==> flow/design.v <==
module times #(
    parameter DW = 12,
    parameter G = 2
) (
    input  logic clk,
    input  logic [DW-1:0] opa,
    input  logic [DW-1:0] opb,
    input  logic load,
    output logic [2*DW+G-1:0] mul
);
    logic [DW-1:0] r_opa;
    logic [DW-1:0] r_opb;
    logic r_load;
    logic [2*DW-1:0] r_cur;
    logic r_load_d;
    logic [2*DW+G-1:0] acc;
    always_ff @(posedge clk) begin
        r_opa <= opa;
        r_opb <= opb;
        r_load <= load;
        r_cur <= r_opa * r_opb;
        r_load_d <= r_load;
        acc <= r_load_d ? r_cur : acc + r_cur;
    end
    assign mul = acc;
endmodule
# --- Tool chain data of times ---
# What the tools print for times, step after step.
# Line numbers count from 1 in the design file above.
# Cell names lack the library's common part.
setup:
  top: "times"
  clk_port: "clk"
  lib: "sky130hd"
  pvt_corner: "tt_025C_1v80"

# --- After elaboration ---
# Counts by Yosys on the flattened word-level netlist (proc, flatten, opt, wreduce; memories kept). Register bits leave out memories and registers merged into their read ports (data or address); mux counts leave out enables and synchronous resets folded into registers. Print and check cells are left out. Cells with the same type and inputs are merged into one.
word_totals:
  elab_cells: 10
  register_bits: 76
  input_bits: 26
classes:
  mul: 1
  n_addsub: 1
  muxes: 1
op_table:
  columns: ["cell", "n"]
  rows:
  - ["12-bit by 12-bit multiplier with 24-bit output", 1]
  - ["26-bit by 24-bit adder with 26-bit output", 1]
  - ["24-bit 2-to-1 mux", 1]

# --- Logic depth ---
# Longest topological path by Yosys (ltp), each cell counted once; first at word level (registers and memories cut), then after technology mapping (sequential cells cut; the memories' decode and read muxes count).
depth:
  depth_word: 2
  ABC_AREA: 0
  depth_mapped: 21

# --- After synthesis ---
# The flow's flattened synthesis, as Yosys stat reports it; memories are mapped. The netlist is that of the ABC_AREA named above (0 if unset); the other value can give another one.
types:
  columns: ["cell_type", "n", "type_area_um2"]
  rows:
  - ["fa_1", 101, 2.02E+03]
  - ["dfxtp_1", 76, 1.52E+03]
  - ["ha_1", 86, 1.08E+03]
  - ["inv_1", 140, 525.504]
  - ["nand2_1", 119, 446.678]
  - ["and2_1", 64, 400.384]
  - ["xnor2_1", 24, 210.202]
  - ["o21ai_0", 39, 195.187]
  - ["a21o_1", 24, 180.173]
  - ["a21oi_1", 35, 175.168]
  - ["xor2_1", 14, 122.618]
  - ["clkbuf_1", 30, 112.608]
  - ["nor2_1", 25, 93.84]
  - ["nand4_1", 8, 50.048]
  - ["buf_6", 4, 45.043]
  - ["a31oi_1", 7, 43.792]
  - ["nand3_1", 8, 40.038]
  - ["nand2b_1", 6, 37.536]
# Other cell types: 35; their cells: 59.
mapped:
  area_um2: 7768.7
  ffs: 76
  seq_area_um2: 1521.5
  cell_count: 869

# --- Worst setup path after synthesis ---
# Source: OpenSTA report_checks on the synthesized netlist (no wires, ideal clock, input and output delay 20% of the period each), path of least setup slack; recovery checks are left aside. Register names are those of the netlist, which keeps one name where synthesis merged equal registers.
synth_path:
  kind: "reg2reg"
  start: "reg r_opb[3]"
  end: "reg r_cur[19]"
  tclk_ns: 6.24
  path_slack_ns: 1.250
  t_arrival_ns: 4.927
  required_ns: 6.176
  path_delay_ns: 4.991
  setup_time_ns: 0.064
  driving_pins: 20
  period_less_setup_slack_ns: 4.99
# "path_delay_ns" is the arrival time less input delay plus setup time.
# "driving_pins": output pins that drive a net of the path, with the launching flip-flop's if there is one; two outputs of one cell count as two.
# "period_less_setup_slack_ns" = period - worst setup slack (recovery checks aside). The figure is calculated, with input and output delays left at 20% of the set period.
# The rows between start and end are the longest chain of elaborated cells between them; the timing report does not say that the signal goes this way. Where chains are equally long, one stands for them.
# Each line given opens the expression or statement behind the cell; cells for indexed reads and writes are added by Yosys, which also makes memories of some case tables.
synth_via:
  cell_sequence: "dfxtp_1 > clkbuf_1 > nand2_1 > fa_1 > inv_1 > fa_1 > fa_1 > fa_1 > inv_1 > fa_1 > inv_1 > ha_1 > nand2_1 > nor2_1 > a221oi_1 > o21ai_0 > a21oi_1 > o21ai_0 > or3_1 > nand4_1"
  elab_chain_cells: 1
synth_lines:
  columns: ["item", "line_no", "text"]
  rows:
  - ["start, declared", 12, "logic [DW-1:0] r_opb;"]
  - ["start, assigned", 19, "r_opb <= opb;"]
  - ["12-bit by 12-bit multiplier with 24-bit output", 21, "r_cur <= r_opa * r_opb;"]
  - ["end, assigned", 21, null]
  - ["end, declared", 14, "logic [2*DW-1:0] r_cur;"]

# --- Worst path after layout ---
# Path of least setup slack in the final report of flow run A (OpenROAD, finished layout, wires in). Where an end is a register, its clock arrival counts in the times.
layout_path:
  kind: "reg2reg"
  start: "reg r_opb[6]"
  end: "reg r_cur[19]"
  setup_time_ns: 0.06
  t_arrival_ns: 5.03
  required_ns: 4.88
  tclk_ns: 4.59
  driving_pins: 19
  path_slack_ns: -0.15
# The rows between start and end are the longest chain of elaborated cells between them; the timing report does not say that the signal goes this way. Where chains are equally long, one stands for them.
layout_via:
  cell_sequence: "dfxtp_4 > buf_12 > and2_4 > fa_1 > fa_1 > fa_1 > fa_1 > inv_2 > fa_1 > inv_2 > ha_4 > nand2_4 > nor2_2 > a221oi_2 > o21ai_1 > a21oi_2 > o21ai_2 > or3_1 > nand4_1"
  elab_chain_cells: 1
layout_lines:
  columns: ["item", "line_no", "text"]
  rows:
  - ["start, declared", 12, "logic [DW-1:0] r_opb;"]
  - ["start, assigned", 19, "r_opb <= opb;"]
  - ["12-bit by 12-bit multiplier with 24-bit output", 21, "r_cur <= r_opa * r_opb;"]
  - ["end, assigned", 21, null]
  - ["end, declared", 14, "logic [2*DW-1:0] r_cur;"]

Module times, platform sky130hd: 3 stored runs of the flow (Yosys, OpenROAD) with differing settings, in no particular order. Input and output delays are each 20% of the period that was set; the output load is 0.01 pF.
"achievedPeriod_ns" means the clock period less the worst setup slack. The figure is calculated, with input and output delays left at 20% of the set period.
"timing.worst_path_ns" is the time allowed to the run's worst setup path (the clock period less input and output delay, where it has them) less its slack. Clock arrival times count: a late capture clock shortens it, a late launch clock lengthens it.
"power_mw" rests on the timing tool's default activity at the inputs, not on a simulated workload.

--- flow run A ---
==> flow/run.sh <==
#!/bin/bash
# the make line also repeats the synthesis and layout settings of config.mk as NAME=value (left out here)
make -C /OpenROAD-flow-scripts/flow DESIGN_CONFIG=/design/flow/config.mk WORK_HOME=/design/flow/orfs CLKGATE_MAP_FILE= finish
==> flow/config.mk <==
export PLATFORM = sky130hd
export DESIGN_NAME = times
export DESIGN_NICKNAME = times
export VERILOG_FILES = /design/flow/design.v
export SDC_FILE = /design/flow/constraint.sdc
export NUM_CORES = 4
export LEC_CHECK = 0
export CAP_MARGIN = 25
export CORE_ASPECT_RATIO = 1.17
export CORE_MARGIN = 3
export CORE_UTILIZATION = 46
export CTS_CLUSTER_DIAMETER = 177
export CTS_CLUSTER_SIZE = 29
export GPL_ROUTABILITY_DRIVEN = 1
export MIN_ROUTING_LAYER = met2
export SLEW_MARGIN = 20
export TNS_END_PERCENT = 55
==> flow/constraint.sdc <==
create_clock -name core_clock -period 4.59 [get_ports {clk}]
set_input_delay 0.9180 -clock core_clock [delete_from_list [all_inputs] [get_ports {clk}]]
set_output_delay 0.9180 -clock core_clock [all_outputs]
set_load 0.01 [all_outputs]

==> results, as YAML <==
results:
  yosys.chip_area_um2: 7768.7
  die_um2: 18489.1
  layout_stdcell_area_um2: 9764.4
  utilization_pct: 60.0
  setup_ws_ns: -0.152
  setup_tns_ns: -0.633
  worst_hold_slack_ns: 0.350
  power_mw: 7.871
  achievedPeriod_ns: 4.742
  timing.worst_path_ns: 4.74
  critical_path_type: "reg2reg"

--- flow run B ---
==> flow/run.sh <==
#!/bin/bash
# the make line also repeats the synthesis and layout settings of config.mk as NAME=value (left out here)
make -C /OpenROAD-flow-scripts/flow DESIGN_CONFIG=/design/flow/config.mk WORK_HOME=/design/flow/orfs CLKGATE_MAP_FILE= finish
==> flow/config.mk <==
export PLATFORM = sky130hd
export DESIGN_NAME = times
export DESIGN_NICKNAME = times
export VERILOG_FILES = /design/flow/design.v
export SDC_FILE = /design/flow/constraint.sdc
export NUM_CORES = 4
export LEC_CHECK = 0
export ABC_AREA = 1
export CAP_MARGIN = 20
export CELL_PAD_IN_SITES_GLOBAL_PLACEMENT = 1
export CORE_ASPECT_RATIO = 1.77
export CORE_MARGIN = 2
export CORE_UTILIZATION = 68
export CTS_CLUSTER_DIAMETER = 111
export CTS_CLUSTER_SIZE = 30
export GPL_TIMING_DRIVEN = 1
export MIN_ROUTING_LAYER = met1
export PLACE_DENSITY_LB_ADDON = 0.13
export SLEW_MARGIN = 20
export TNS_END_PERCENT = 90
==> flow/constraint.sdc <==
create_clock -name core_clock -period 3.11 [get_ports {clk}]
set_input_delay 0.6220 -clock core_clock [delete_from_list [all_inputs] [get_ports {clk}]]
set_output_delay 0.6220 -clock core_clock [all_outputs]
set_load 0.01 [all_outputs]

==> results, as YAML <==
outcome: "did not finish, placement stopped with FLW-0024"

--- flow run C ---
==> flow/run.sh <==
#!/bin/bash
# the make line also repeats the synthesis and layout settings of config.mk as NAME=value (left out here)
make -C /OpenROAD-flow-scripts/flow DESIGN_CONFIG=/design/flow/config.mk WORK_HOME=/design/flow/orfs CLKGATE_MAP_FILE= finish
==> flow/config.mk <==
export PLATFORM = sky130hd
export DESIGN_NAME = times
export DESIGN_NICKNAME = times
export VERILOG_FILES = /design/flow/design.v
export SDC_FILE = /design/flow/constraint.sdc
export NUM_CORES = 4
export LEC_CHECK = 0
export CAP_MARGIN = 20
export CORE_MARGIN = 2
export CORE_UTILIZATION = 40
export SLEW_MARGIN = 20
==> flow/constraint.sdc <==
create_clock -name core_clock -period 6.24 [get_ports {clk}]
set_input_delay 1.2480 -clock core_clock [delete_from_list [all_inputs] [get_ports {clk}]]
set_output_delay 1.2480 -clock core_clock [all_outputs]
set_load 0.01 [all_outputs]

==> results, as YAML <==
results:
  yosys.chip_area_um2: 7768.7
  die_um2: 20552.1
  layout_stdcell_area_um2: 8694.6
  utilization_pct: 46.0
  setup_ws_ns: 0.819
  setup_tns_ns: 0.000
  worst_hold_slack_ns: 0.327
  power_mw: 4.559
  achievedPeriod_ns: 5.421
  timing.worst_path_ns: 5.42
  critical_path_type: "reg2reg"
